==> flow/design.v <==
module mplex #(
  parameter int DWIDTH = 10,
  parameter int NUM = 32,
  parameter int SW = $clog2(NUM)
) (
  input logic CLK,
  input logic [NUM*DWIDTH-1:0] i_val,
  input logic [SW-1:0] i_pick,
  output logic [DWIDTH-1:0] o_y
);
  logic [NUM*DWIDTH-1:0] r_val;
  always_ff @(posedge CLK) begin
    r_val <= i_val;
  end
  logic [SW-1:0] r_pick;
  always_ff @(posedge CLK) begin
    r_pick <= i_pick;
  end
  wire [DWIDTH-1:0] n_ [1:2*NUM-1];
  generate
    for (genvar ii = 0; ii < NUM; ii++) begin : each
      assign n_[NUM+ii] = r_val[ii*DWIDTH +: DWIDTH];
    end
    for (genvar ii = 1; ii < NUM; ii++) begin : blk
      assign n_[ii] = r_pick[SW - $clog2(ii+1)] ? n_[2*ii+1] : n_[2*ii];
    end
  endgenerate
  logic [DWIDTH-1:0] r_y;
  always_ff @(posedge CLK) begin
    r_y <= n_[1];
  end
  assign o_y = r_y;
endmodule
# --- From RTL to reports: mplex ---
# The steps from the RTL of mplex to its reports follow in flow order.
# Line numbers count from 1 in the design file above.
# Operators: Yosys type, input widths -> output width; for muxes data width and select width s.
# Library cell names are shortened.
design:
  top: "mplex"
  clock_port: "CLK"
  lib: "sky130hd"
  corner: "tt_025C_1v80"

# --- Word-level counts ---
# Yosys after proc, flatten, opt, wreduce and memory -nomap, before mapping. Enables and synchronous resets that opt folds into registers are not counted as muxes. Print and check cells are not counted. Equal cells are merged and count once.
bits:
  register_bits: 335
  inputBits: 326
  output_inout_bits: 10
  word_cells: 34
classes:
  muxes: 31
ops:
  columns: ["op", "count"]
  rows:
  - ["$mux 10", 31]

# --- Longest topological paths ---
# Longest topological path by Yosys (ltp), each cell counted once; first at word level (registers and memories cut), then after technology mapping (sequential cells cut; the memories' decode and read muxes count).
logic_depth:
  word_depth: 5
  ABC_AREA: 0
  depth_mapped: 7
  ltp_nobuf: 5

# --- Netlist ---
# The flow's flattened synthesis, as Yosys stat reports it; memories are mapped. The netlist is that of the ABC_AREA named above (0 if unset); the other value can give another one.
types:
  columns: ["cell_type", "count", "type_area_um2"]
  rows:
  - ["dfxtp_1", 335, 6.71E+03]
  - ["mux2i_1", 160, 1.6E+03]
  - ["a22oi_1", 40, 300.288]
  - ["a22o_1", 20, 175.168]
  - ["buf_12", 7, 140.134]
  - ["a21oi_1", 20, 100.096]
  - ["nand3_1", 20, 100.096]
  - ["nor3_2", 9, 90.086]
  - ["buf_6", 7, 78.826]
  - ["nand2_1", 20, 75.072]
  - ["buf_2", 13, 65.062]
  - ["a31oi_1", 10, 62.56]
  - ["nand4_1", 10, 62.56]
  - ["buf_4", 4, 30.029]
  - ["clkbuf_1", 6, 22.522]
  - ["buf_8", 1, 15.014]
  - ["nand2b_1", 2, 12.512]
  - ["nor2b_1", 2, 12.512]
# Not listed: further types 5, cells in them 6.
synth_totals:
  stdcells: 692
  area_um2: 9679.3
  seqArea_um2: 6706.4
  ff_cells: 335
  n_buf: 40

# --- Timing after synthesis ---
# Source: OpenSTA report_checks on the synthesized netlist (no wires, ideal clock, input and output delay 20% of the period each), path of least setup slack; recovery checks are left aside. Register names are those of the netlist, which keeps one name where synthesis merged equal registers.
synth_timing:
  kind: "reg2reg"
  from: "register r_pick[0]"
  to: "register r_y[0]"
  clock_period_ns: 1.7
  setup_time_ns: 0.124
  t_first_pin_ns: 0.000
  t_arrival_ns: 1.240
  required_time_ns: 1.576
  path_slack_ns: 0.335
  path_delay_ns: 1.364
  path_stages: 8
  n_path_buf: 3
  synth_period_reached_ns: 1.365
# "path_delay_ns" = arrival - input delay + setup time.
# "path_stages": output pins that drive a net of the path, with the launching flip-flop's if there is one; two outputs of one cell count as two.
# "synth_period_reached_ns" = period - worst setup slack (recovery checks aside). The figure is calculated, with input and output delays left at 20% of the set period.
# Between the ends stands the longest chain of elaborated cells between them, by number of cells; it is not shown to be the way that was timed. Of several equally long chains one is given.
# Each line given opens the expression or statement behind the cell; cells for indexed reads and writes are added by Yosys, which also makes memories of some case tables.
synth_between:
  path_cell_list: "dfxtp_1 > buf_6 > buf_12 > buf_6 > mux2i_1 > a21oi_1 > a31oi_1 > nand3_1"
  elab_chain_cells: 5
  cone_cells: 31
  lines_between: 1
  cone_classes: "mux: 31"
synth_lines:
  columns: ["item", "line_no", "text"]
  rows:
  - ["start, declared", 15, "logic [SW-1:0] r_pick;"]
  - ["start, assigned", 17, "r_pick <= i_pick;"]
  - ["$mux 10 x5", 25, "assign n_[ii] = r_pick[SW - $clog2(ii+1)] ? n_[2*ii+1] : n_[2*ii];"]
  - ["end, assigned", 30, "r_y <= n_[1];"]
  - ["end, declared", 28, "logic [DWIDTH-1:0] r_y;"]

# --- Worst path after layout ---
# Path of least setup slack in the final report of entry A (OpenROAD, finished layout, wires in). Where an end is a register, its clock arrival counts in the times.
layout_timing:
  kind: "reg2reg"
  from: "register r_pick[2]"
  to: "register r_y[8]"
  clock_period_ns: 1.96
  setup_time_ns: 0.13
  t_first_pin_ns: 0.54
  t_arrival_ns: 2.36
  required_time_ns: 2.38
  path_slack_ns: 0.02
  path_stages: 7
  n_path_buf: 2
# Between the ends stands the longest chain of elaborated cells between them, by number of cells; it is not shown to be the way that was timed. Of several equally long chains one is given.
layout_between:
  path_cell_list: "dfxtp_1 > nor2b_4 > buf_4 > buf_4 > a21oi_1 > nand3_1 > nand3_1"
  elab_chain_cells: 3
  cone_cells: 7
  lines_between: 1
  cone_classes: "mux: 7"
layout_lines:
  columns: ["item", "line_no", "text"]
  rows:
  - ["start, declared", 15, "logic [SW-1:0] r_pick;"]
  - ["start, assigned", 17, "r_pick <= i_pick;"]
  - ["$mux 10 x3", 25, "assign n_[ii] = r_pick[SW - $clog2(ii+1)] ? n_[2*ii+1] : n_[2*ii];"]
  - ["end, assigned", 30, "r_y <= n_[1];"]
  - ["end, declared", 28, "logic [DWIDTH-1:0] r_y;"]

# Below are 3 stored runs of the flow (Yosys, OpenROAD; platform sky130hd) on mplex, each with its settings and what was measured, unordered. Constraints: input delay and output delay 20% of the set period each, output load 0.01 pF.
# "achieved_clock_period_ns": clock period set for the run, less the worst setup slack. It is reckoned from that one timing run; input and output delays stay at 20% of the period that was set.
# "worst_path_time_ns" means the part of the period allowed to the worst setup path (the constraints hold back 20% at inputs and 20% at outputs) less its slack; where the path has registers, the arrival times of their clocks count too.
# "design_power_w" is the tool's figure for a default switching activity; nothing was simulated.
runs:
  - name: "entry A"
    settings:
      period_ns: 1.96
      CORE_UTILIZATION: 62
      PLACE_DENSITY_LB_ADDON: 0.21
      CORE_MARGIN: 4
      CELL_PAD_IN_SITES_GLOBAL_PLACEMENT: 0
      ABC_AREA: 0
      GPL_TIMING_DRIVEN: 1
      CTS_CLUSTER_DIAMETER: 280
      MIN_ROUTING_LAYER: "met1"
      CAP_MARGIN: 20
      SLEW_MARGIN: 20
    results:
      ys_area_um2: 9679.3
      design_die_area_um2: 17674.4
      util_pct: 92.8
      setup_worst_slack_ns: 0.020
      tns_setup_ns: 0.000
      hold_worst_slack_ns: 0.279
      design_power_w: 0.014868
      achieved_clock_period_ns: 1.940
      worst_path_time_ns: 1.94
      path_kind: "reg2reg"
  - name: "entry B"
    settings:
      period_ns: 1.7
      CAP_MARGIN: 20
      CORE_MARGIN: 2
      CORE_UTILIZATION: 40
      SLEW_MARGIN: 20
    results:
      ys_area_um2: 9679.3
      design_die_area_um2: 25457.8
      util_pct: 63.1
      setup_worst_slack_ns: 0.030
      tns_setup_ns: 0.000
      hold_worst_slack_ns: 0.271
      design_power_w: 0.017439
      achieved_clock_period_ns: 1.670
      worst_path_time_ns: 1.67
      path_kind: "reg2reg"
  - name: "entry C"
    settings:
      period_ns: 0.943
      CORE_UTILIZATION: 55
      SETUP_SLACK_MARGIN: -0.08
      PLACE_DENSITY_LB_ADDON: 0.2
      CORE_ASPECT_RATIO: 1.29
      CORE_MARGIN: 3
      GPL_ROUTABILITY_DRIVEN: 0
      CTS_CLUSTER_SIZE: 63
      CAP_MARGIN: 20
      SLEW_MARGIN: 20
    results:
      ys_area_um2: 9679.3
      design_die_area_um2: 19239.1
      util_pct: 86.8
      setup_worst_slack_ns: -0.738
      tns_setup_ns: -8.782
      hold_worst_slack_ns: 0.086
      design_power_w: 0.031531
      achieved_clock_period_ns: 1.681
      worst_path_time_ns: 1.68
      path_kind: "reg2reg"
